==> flow/design.v <==
module add_unit_fa (
   input wire a,
   input wire b,
   input wire ci,
   output wire s,
   output wire co
);
   wire p = a ^ b;
   assign s = p ^ ci;
   assign co = p ? ci : a;
endmodule
module add_unit #(
   parameter integer BITS = 4
) (
   input core_clk,
   input srst,
   input en,
   input [BITS-1:0] lhs,
   input [BITS-1:0] rhs,
   input cin,
   output reg [BITS-1:0] total,
   output reg cy
);
   reg [BITS-1:0] lhs_s;
   reg [BITS-1:0] rhs_s;
   reg cin_s;
   wire [BITS-1:0] nxt;
   wire [BITS:0] chain;
   assign chain[0] = cin_s;
   genvar i;
   generate
      for (i = 0; i < BITS; i = i + 1) begin : lane
         add_unit_fa i_sub (.a(lhs_s[i]), .b(rhs_s[i]), .ci(chain[i]), .s(nxt[i]), .co(chain[i+1]));
      end
   endgenerate
   always @(posedge core_clk or posedge srst) begin
      if (srst) begin
         lhs_s <= 0;
         rhs_s <= 0;
         cin_s <= 1'b0;
         total <= 0;
         cy <= 1'b0;
      end else if (en) begin
         lhs_s <= lhs;
         rhs_s <= rhs;
         cin_s <= cin;
         total <= nxt;
         cy <= chain[BITS];
      end
   end
endmodule
; ---- From RTL to reports: add_unit
; Module add_unit in several versions that differ in "BITS"; each step lists the members.
; The RTL above is that of BITS 4; lines are counted from 1 in the file of the member named.
; Operators: Yosys type, input widths -> output width; for muxes data width and select width s.
; Library cell names are shortened.
; A cell with n/a has no value.
[setup]
design = add_unit
clock = core_clk
lib = sky130hd
lib_corner = tt_025C_1v80

; ---- Members of the sweep
; Lines of each other member's file that are new or changed against the file above; lines that a member lacks are not shown.
[src_changes]
columns = BITS, line_no
row1 = 8, 13  ; parameter integer BITS = 8
row2 = 10, 13  ; parameter integer BITS = 10
row3 = 14, 13  ; parameter integer BITS = 14
row4 = 112, 13  ; parameter integer BITS = 112

; ---- After elaboration
; Source: Yosys, flattened and elaborated, memories not mapped. Widths are those after wreduce; folded enables and synchronous resets count as part of the registers. Registers that Yosys merges into a memory's read port (data or address) are not register bits. Print and check cells do not count. Equal cells are merged and count once.
[bits]
columns = BITS, regBits, output_inout_bits, input_bits, elab_cells
row1 = 4, 14, 5, 12, 17
row2 = 8, 26, 9, 20, 29
row3 = 10, 32, 11, 24, 35
row4 = 14, 44, 15, 32, 47
row5 = 112, 338, 113, 228, 341
[op_classes]
columns = BITS, bitwise, mux
row1 = 4, 8, 4
row2 = 8, 16, 8
row3 = 10, 20, 10
row4 = 14, 28, 14
row5 = 112, 224, 112
[ops]
columns = BITS, operators
row1 = 4, $xor 1x1->1: 8; $mux 1: 4
row2 = 8, $xor 1x1->1: 16; $mux 1: 8
row3 = 10, $xor 1x1->1: 20; $mux 1: 10
row4 = 14, $xor 1x1->1: 28; $mux 1: 14
row5 = 112, $xor 1x1->1: 224; $mux 1: 112

; ---- Longest topological paths
; Depth = most cells in a row (Yosys ltp): at word level without a register or memory, in the mapped netlist without a sequential cell, where the memories' decode and read muxes count.
[logic_depth]
columns = BITS, ltp_word, abc_area, depth_mapped, depth_no_buf
row1 = 4, 5, 0, 5, 4
row2 = 8, 9, 0, 6, 5
row3 = 10, 11, 0, 7, 6
row4 = 14, 15, 0, 8, 8
row5 = 112, 113, 0, 35, 34

; ---- Synthesis result
; The flow's flattened synthesis, as Yosys stat reports it; memories are mapped. The netlist is that of the ABC_AREA named above (0 if unset); the other value can give another one.
; The area totals of this step are shown rounded.
[mapped]
columns = BITS, mapped_area_um2, flip_flops, stdcells, n_buf, sequential_area_um2
row1 = 4, 684.4, 14, 53, 2, 350.3
row2 = 8, 1423, 26, 135, 7, 650.6
row3 = 10, 1682, 32, 143, 11, 800.8
row4 = 14, 2221, 44, 193, 7, 1101
row5 = 112, 17640, 338, 1636, 61, 8458
[by_type]
columns = BITS, cell_types
row1 = 4, dfrtp_1: 14; mux2_2: 13; xnor2_1: 7; buf_6: 2; maj3_2: 2; nand2_1: 4; o21ai_0: 2; a41oi_1: 1; o22a_1: 1; nand3b_1: 1; and2_1: 1; nand2b_1: 1; nand4_1: 1; nand3_1: 1; inv_1: 1; nor2_1: 1
row2 = 8, dfrtp_1: 26; mux2_2: 19; xnor2_1: 9; nor2_1: 10; o21a_1: 5; xor2_1: 4; nand2_1: 8; o211ai_1: 4; a2111o_1: 2; clkbuf_1: 6; a21oi_1: 4; inv_1: 5; o22ai_1: 3; o311ai_1: 2; nand3_1: 3; nor3_1: 3; o21ai_0: 3; a31oi_1: 2; (+17)
row3 = 10, dfrtp_1: 32; mux2_2: 27; xnor2_1: 15; nor2_1: 8; a221oi_1: 3; a2111o_1: 2; clkbuf_1: 6; maj3_1: 2; buf_1: 5; o2111ai_1: 2; a41oi_2: 1; o32ai_2: 1; a211oi_1: 2; a21oi_1: 3; a221oi_2: 1; nand2_1: 4; nand3_1: 3; o21ai_0: 3; (+23)
row4 = 14, dfrtp_1: 44; mux2_2: 34; xnor2_1: 20; o21ai_0: 12; nand2_1: 14; xor2_1: 6; nor2_1: 11; a21oi_1: 6; maj3_1: 3; a22oi_1: 3; a31oi_1: 3; or2_2: 3; clkbuf_1: 4; nand3_1: 3; o211ai_1: 2; o221ai_2: 1; a31oi_2: 1; a311o_2: 1; (+22)
row5 = 112, dfrtp_1: 338; mux2_2: 249; xnor2_1: 162; nor2_1: 179; a21oi_1: 123; xor2_1: 60; nand2_1: 119; maj3_1: 41; o21ai_0: 73; clkbuf_1: 57; a211oi_1: 15; o22ai_1: 17; inv_1: 25; nor3_1: 15; o21a_1: 10; a21o_1: 9; a22oi_1: 9; and2_1: 10; (+125)
; The mark (+n) counts cells that are not listed.
; The figures by module come from a second, unflattened synthesis with its own total; it is not the netlist above.
[hier_totals]
columns = BITS, hier_cells, hier_area_um2
row1 = 4, 38, 658.1
row2 = 8, 72, 1344
row3 = 10, 89, 1687
row4 = 14, 122, 2315
row5 = 112, 939, 17890

; ---- Path before layout
; Path of least setup slack by OpenSTA after synthesis, without wires, with an ideal clock, recovery checks aside; 20% of the period is set as input and as output delay. Where synthesis merged equal registers, the netlist keeps one of their names.
[synth_timing]
columns = BITS, path_type, start, end, tclk_ps, stages, delay_ps, slack_ps, synth_period_reached_ps
row1 = 4, flip-flop to flip-flop, register rhs_s[0], register total[2], 1900, 5, 1519, 382, 1518
row2 = 8, flip-flop to flip-flop, register rhs_s[0], register total[3], 2140, 7, 1709, 431, 1709
row3 = 10, flip-flop to flip-flop, register rhs_s[0], register total[3], 2470, 6, 1978, 492, 1978
row4 = 14, flip-flop to flip-flop, register lhs_s[8], register total[12], 2640, 9, 2111, 529, 2111
row5 = 112, flip-flop to flip-flop, register rhs_s[0], register total[111], 9930, 35, 7944, 1986, 7944
; "delay_ps" = arrival - input delay + setup time.
; "stages" counts driving pins, that of a launching flip-flop among them; a cell with two outputs on the path counts twice.
; "synth_period_reached_ps" = period - worst setup slack (recovery checks aside). The figure is calculated, with input and output delays left at 20% of the set period.
; The rows between start and end are the longest chain of elaborated cells between them; the timing report does not say that the signal goes this way. Where chains are equally long, one stands for them.
; A line is the first line of the expression or statement that the cell stems from. Yosys adds cells for indexed reads and writes and turns some case tables into memories.
[synth_via_BITS_4]
elab_chain_len = 4
[synth_rtl_BITS_4]
columns = item, line_no
row1 = "start, declared", 25  ; reg [BITS-1:0] rhs_s;
row2 = "start, assigned", 39  ; rhs_s <= 0;
row3 = "start, assigned", 45  ; rhs_s <= rhs;
row4 = $xor 1x1->1, 8  ; wire p = a ^ b;
row5 = $mux 1 (2 in a row), 10  ; assign co = p ? ci : a;
row6 = $xor 1x1->1, 9  ; assign s = p ^ ci;
row7 = "end, assigned", 41  ; total <= 0;
row8 = "end, assigned", 47  ; total <= nxt;
row9 = "end, declared", 21  ; output reg [BITS-1:0] total,
[synth_via_BITS_112]
elab_chain_len = 113
[synth_rtl_BITS_112]
columns = item, line_no
row1 = "start, declared", 25  ; reg [BITS-1:0] rhs_s;
row2 = "start, assigned", 39  ; rhs_s <= 0;
row3 = "start, assigned", 45  ; rhs_s <= rhs;
row4 = $xor 1x1->1, 8  ; wire p = a ^ b;
row5 = $mux 1 (111 in a row), 10  ; assign co = p ? ci : a;
row6 = $xor 1x1->1, 9  ; assign s = p ^ ci;
row7 = "end, assigned", 41  ; total <= 0;
row8 = "end, assigned", 47  ; total <= nxt;
row9 = "end, declared", 21  ; output reg [BITS-1:0] total,

; ---- Timing after layout
; From the final timing report of each member's run: the path of least setup slack in the routed layout; clock arrival at registers is part of the times.
; The report prints the path's times to 10 ps; the period is as set.
[layout_timing]
columns = BITS, path_type, start, end, arrival_time_ps, stages, tclk_ps, n_path_buf, slack_ps
row1 = 4, flip-flop to output port, register cy, output cy, 1170, 2, 1900, 1, 350
row2 = 8, flip-flop to flip-flop, register rhs_s[0], register total[5], 2080, 6, 2140, 0, 320
row3 = 10, flip-flop to flip-flop, register rhs_s[0], register total[8], 2270, 7, 2470, 0, 390
row4 = 14, flip-flop to flip-flop, register cin_s, register total[12], 2460, 9, 2640, 0, 360
row5 = 112, flip-flop to flip-flop, register rhs_s[4], register total[111], 9560, 36, 9930, 1, 830

; ---- Measured runs
; One run of the flow (Yosys, OpenROAD) for each member, with settings and measured results. Input and output delays are each 20% of the period that was set; the output load is 0.01 pF.
[settings]
CAP_MARGIN = 20
CORE_MARGIN = 2
CORE_UTILIZATION = 40
SLEW_MARGIN = 20
[settings_diff]
columns = BITS, period_ns
row1 = 4, 1.9
row2 = 8, 2.14
row3 = 10, 2.47
row4 = 14, 2.64
row5 = 112, 9.93
[results]
columns = BITS, yosys.chip_area_um2, fin_ws_ps, total_die_area_um2, final_util_frac, total_power_mw, achieved_clock_period_ps, stdcell_area_um2, timing.setup.tns_ps
row1 = 4, 684.4, 349, 2058, 0.559, 0.8068, 1551, 872.1, 0
row2 = 8, 1423, 324, 4049, 0.525, 1.331, 1816, 1764, 0
row3 = 10, 1682, 387, 4739, 0.533, 1.594, 2083, 2148, 0
row4 = 14, 2221, 358, 6165, 0.525, 1.991, 2282, 2855, 0
row5 = 112, 17640, 826, 45790, 0.53, 4.849, 9104, 22940, 0
; "achieved_clock_period_ps": clock period set for the run, less the worst setup slack. It is reckoned from that one timing run; input and output delays stay at 20% of the period that was set.
; By "total_power_mw" is meant OpenSTA's value without simulated activity: inputs other than the clock are taken to toggle once in ten clock periods, and the tool carries that through the logic.
; The measured numbers are rounded.
